==> flow/design.v <==
module gen_reg_file_mod #(
    parameter NWORDS = 48,
    parameter DATA_W = 20,
    parameter RPORTS = 1,
    parameter ADDR_WIDTH = $clog2(NWORDS)
) (
    input wire clock,
    input wire rst_n,
    input wire we,
    input wire [ADDR_WIDTH-1:0] wr_addr,
    input wire [DATA_W-1:0] wr_data,
    input wire [RPORTS*ADDR_WIDTH-1:0] rd_addr,
    output reg [RPORTS*DATA_W-1:0] q
);
    reg [DATA_W-1:0] bank [0:NWORDS-1];
    always @(posedge clock) begin
        if (we)
            bank[wr_addr] <= wr_data;
    end
    wire [RPORTS*DATA_W-1:0] tmp;
    genvar gj;
    generate
        for (gj = 0; gj < RPORTS; gj = gj + 1) begin : gen
            assign tmp[gj*DATA_W +: DATA_W] = bank[rd_addr[gj*ADDR_WIDTH +: ADDR_WIDTH]];
        end
    endgenerate
    always @(posedge clock or negedge rst_n) begin
        if (!rst_n) begin
            q <= 0;
        end else begin
            q <= tmp;
        end
    end
endmodule
**Reports on gen_reg_file_mod**

The steps from the RTL of gen_reg_file_mod to its reports follow in flow order.
Lines are those of the file above, counted from 1.
Operators: Yosys type, input widths -> output width; for muxes data width and select width s.
Library cell names are shortened.
A cell with - has no value.

- Top module: gen_reg_file_mod
- Clock port: clock
- Cell library: sky130hd
- Library corner: tt_025C_1v80

**Word-level counts**

Counts by Yosys on the flattened word-level netlist (proc, flatten, opt, wreduce; memories kept). Register bits leave out memories and registers merged into their read ports (data or address); mux counts leave out enables and synchronous resets folded into registers. Print and check cells are left out. Cells with the same type and inputs are merged into one.
Yosys's memory passes give these memory sizes; they may raise the number of words (mostly to a power of two), join words into wider ones and drop unused or constant bits.

- Register bits: 0
- Memory bits (writable): 960
- Clocked read ports x word width: 20
- Memories: 1
- Output and inout bits: 20
- Elaborated cells: 5

Memory list:

| name | depth | bits a word | rd ports | write ports | RTL line | source |
|---|---|---|---|---|---|---|
| bank | 48 | 20 | 1 | 1 | 15 | `reg [DATA_W-1:0] bank [0:NWORDS-1];` |

- Multiplexer cells: 3
- Reduce/logical cells: 1

Operators by type and width:

| kind | number |
|---|---|
| $mux 20 | 1 |
| $mux 6 | 1 |
| $logic_not 1->1 | 1 |
| $mux 1 | 1 |

**Longest topological paths**

Depth = most cells in a row (Yosys ltp): at word level without a register or memory, in the mapped netlist without a sequential cell, where the memories' decode and read muxes count.

- Depth in word-level cells: 1
- ABC_AREA: 0
- Gate-level depth with buffers: 9
- Gate-level depth less buffers: 5

**Synthesis result**

Source: synth_stat.txt of the flow (Yosys; design flattened, memories mapped). It holds for the ABC_AREA given above (unset counts as 0); a run with the other value may have another netlist.

- Mapped cells: 1850
- Mapped area: 0.0378138 mm²
- Sequential area: 0.0293281 mm²
- Flip-flops: 980
- Buffer cells: 110

Cell types:

| cell type | number |
|---|---|
| edfxtp_1 | 960 |
| mux2i_1 | 320 |
| mux4_2 | 100 |
| a22oi_1 | 80 |
| dfrtp_1 | 20 |
| a221oi_1 | 40 |
| a22o_1 | 40 |
| o41ai_2 | 19 |
| buf_6 | 21 |
| a21oi_1 | 40 |
| clkbuf_1 | 50 |
| nor2_1 | 48 |
| o22ai_1 | 20 |
| buf_4 | 16 |
| nand2_1 | 27 |
| buf_2 | 13 |
| buf_1 | 10 |
| nand2b_1 | 5 |

Other cell types: 12; their cells: 21.

**Worst setup path after synthesis**

Path of least setup slack by OpenSTA after synthesis, without wires, with an ideal clock, recovery checks aside; 20% of the period is set as input and as output delay. Where synthesis merged equal registers, the netlist keeps one of their names.

- Path type: input to register
- Start: in wr_addr[3]
- End: mem bank[32][0]
- Period: 3610 ps
- Library setup time: 422 ps
- Launch time at the first pin: 722 ps
- Arrival: 2609 ps
- Data required time: 3188 ps
- Path slack: 579 ps
- Path delay: 2309 ps
- Stages on the path: 3
- Buffers on the path: 0
- Period reached after synthesis: 3031 ps

"path delay" = arrival - input delay + setup time.
"stages on the path" counts driving pins, that of a launching flip-flop among them; a cell with two outputs on the path counts twice.
"period reached after synthesis" is the clock period less the worst setup slack; recovery checks do not enter. This is arithmetic on one report: input and output delays are still those of the set period (20% each).
The rows between start and end are the longest chain of elaborated cells between them; the timing report does not say that the signal goes this way. Where chains are equally long, one stands for them.
A line is the first line of the expression or statement that the cell stems from. Yosys adds cells for indexed reads and writes and turns some case tables into memories.

- Path through: nor4bb_1 > nand2b_1 > nor3_1
- Cells in the longest elaborated chain: 1
- Elaborated cells on any way between the ends: 1
- Those cells by class: 1 x mux

RTL lines, path post-synthesis:

| what | RTL line | source |
|---|---|---|
| from (decl) | 10 | `input wire [ADDR_WIDTH-1:0] wr_addr,` |
| $mux 6 | 17 | `if (we)` |
| to (decl) | 15 | `reg [DATA_W-1:0] bank [0:NWORDS-1];` |

**Timing after layout**

From the final timing report of run A: the path of least setup slack in the routed layout; clock arrival at registers is part of the times.
The report prints the path's times to 10 ps; the period is as set.

- Path type: input to register
- Start: in rd_addr[0]
- End: reg q[16]
- Period: 3610 ps
- Library setup time: 110 ps
- Launch time at the first pin: 720 ps
- Arrival: 3330 ps
- Data required time: 4140 ps
- Path slack: 800 ps
- Stages on the path: 9
- Buffers on the path: 4

- Path through: buf_8 > buf_12 > buf_4 > mux2i_1 > a22o_1 > a221oi_1 > buf_4 > o22ai_1 > o41ai_2

RTL lines, path post-layout:

| what | RTL line | source |
|---|---|---|
| from (decl) | 12 | `input wire [RPORTS*ADDR_WIDTH-1:0] rd_addr,` |
| to (decl) | 13 | `output reg [RPORTS*DATA_W-1:0] q` |

Chain of elaborated cells between the ends: none given.

Ticket comment

Measured results for gen_reg_file_mod: 3 stored runs of the Yosys and OpenROAD flow on sky130hd. The settings differ; the order carries no meaning. The constraints put input and output delay at 20% of the set period each and load the outputs with 0.01 pF.
"period reached" means the clock period less the worst setup slack. The figure is calculated, with input and output delays left at 20% of the set period.
"critical path time" means the part of the period allowed to the worst setup path (the constraints hold back 20% at inputs and 20% at outputs) less its slack; where the path has registers, the arrival times of their clocks count too.
"power consumption" rests on the timing tool's default activity at the inputs, not on a simulated workload.
"critical path time" is given in steps of 10 ps.
Settings: -- = not set for that run.

| setting or result | run A | run B | run C |
|---|---|---|---|
| period_ns | 3.61 | 4.5 | 1.91 |
| CAP_MARGIN | 20 | 35 | 20 |
| CORE_MARGIN | 2 | 10 | 6 |
| CORE_UTILIZATION | 40 | 49 | 61 |
| SLEW_MARGIN | 20 | 20 | 20 |
| CELL_PAD_IN_SITES_GLOBAL_PLACEMENT | -- | 2 | -- |
| CELL_PAD_IN_SITES_DETAIL_PLACEMENT | -- | 0 | -- |
| TNS_END_PERCENT | -- | 95 | -- |
| MIN_ROUTING_LAYER | -- | met2 | -- |
| SETUP_SLACK_MARGIN | -- | -- | 0.41 |
| ABC_AREA | -- | -- | 0 |
| GPL_ROUTABILITY_DRIVEN | -- | -- | 1 |
| MAX_ROUTING_LAYER | -- | -- | met5 |
| power consumption (mW) | 23.890 | 19.263 | 45.860 |
| critical path time (ps) | 2080 | 1960 | 1380 |
| critical path kind | input to register | input to register | input to register |
| period reached (ps) | 2806 | 2856 | 1760 |
| worst setup slack after layout (ps) | 804 | 1644 | 150 |
| overall die area (mm²) | 0.0970104 | 0.0886819 | 0.068108 |
| standard-cell area after routing (mm²) | 0.0435405 | 0.0433241 | 0.0460955 |
| cell area after synthesis (mm²) | 0.0378138 | 0.0378138 | 0.0378138 |
| setup total negative slack (ps) | 0 | 0 | 0 |
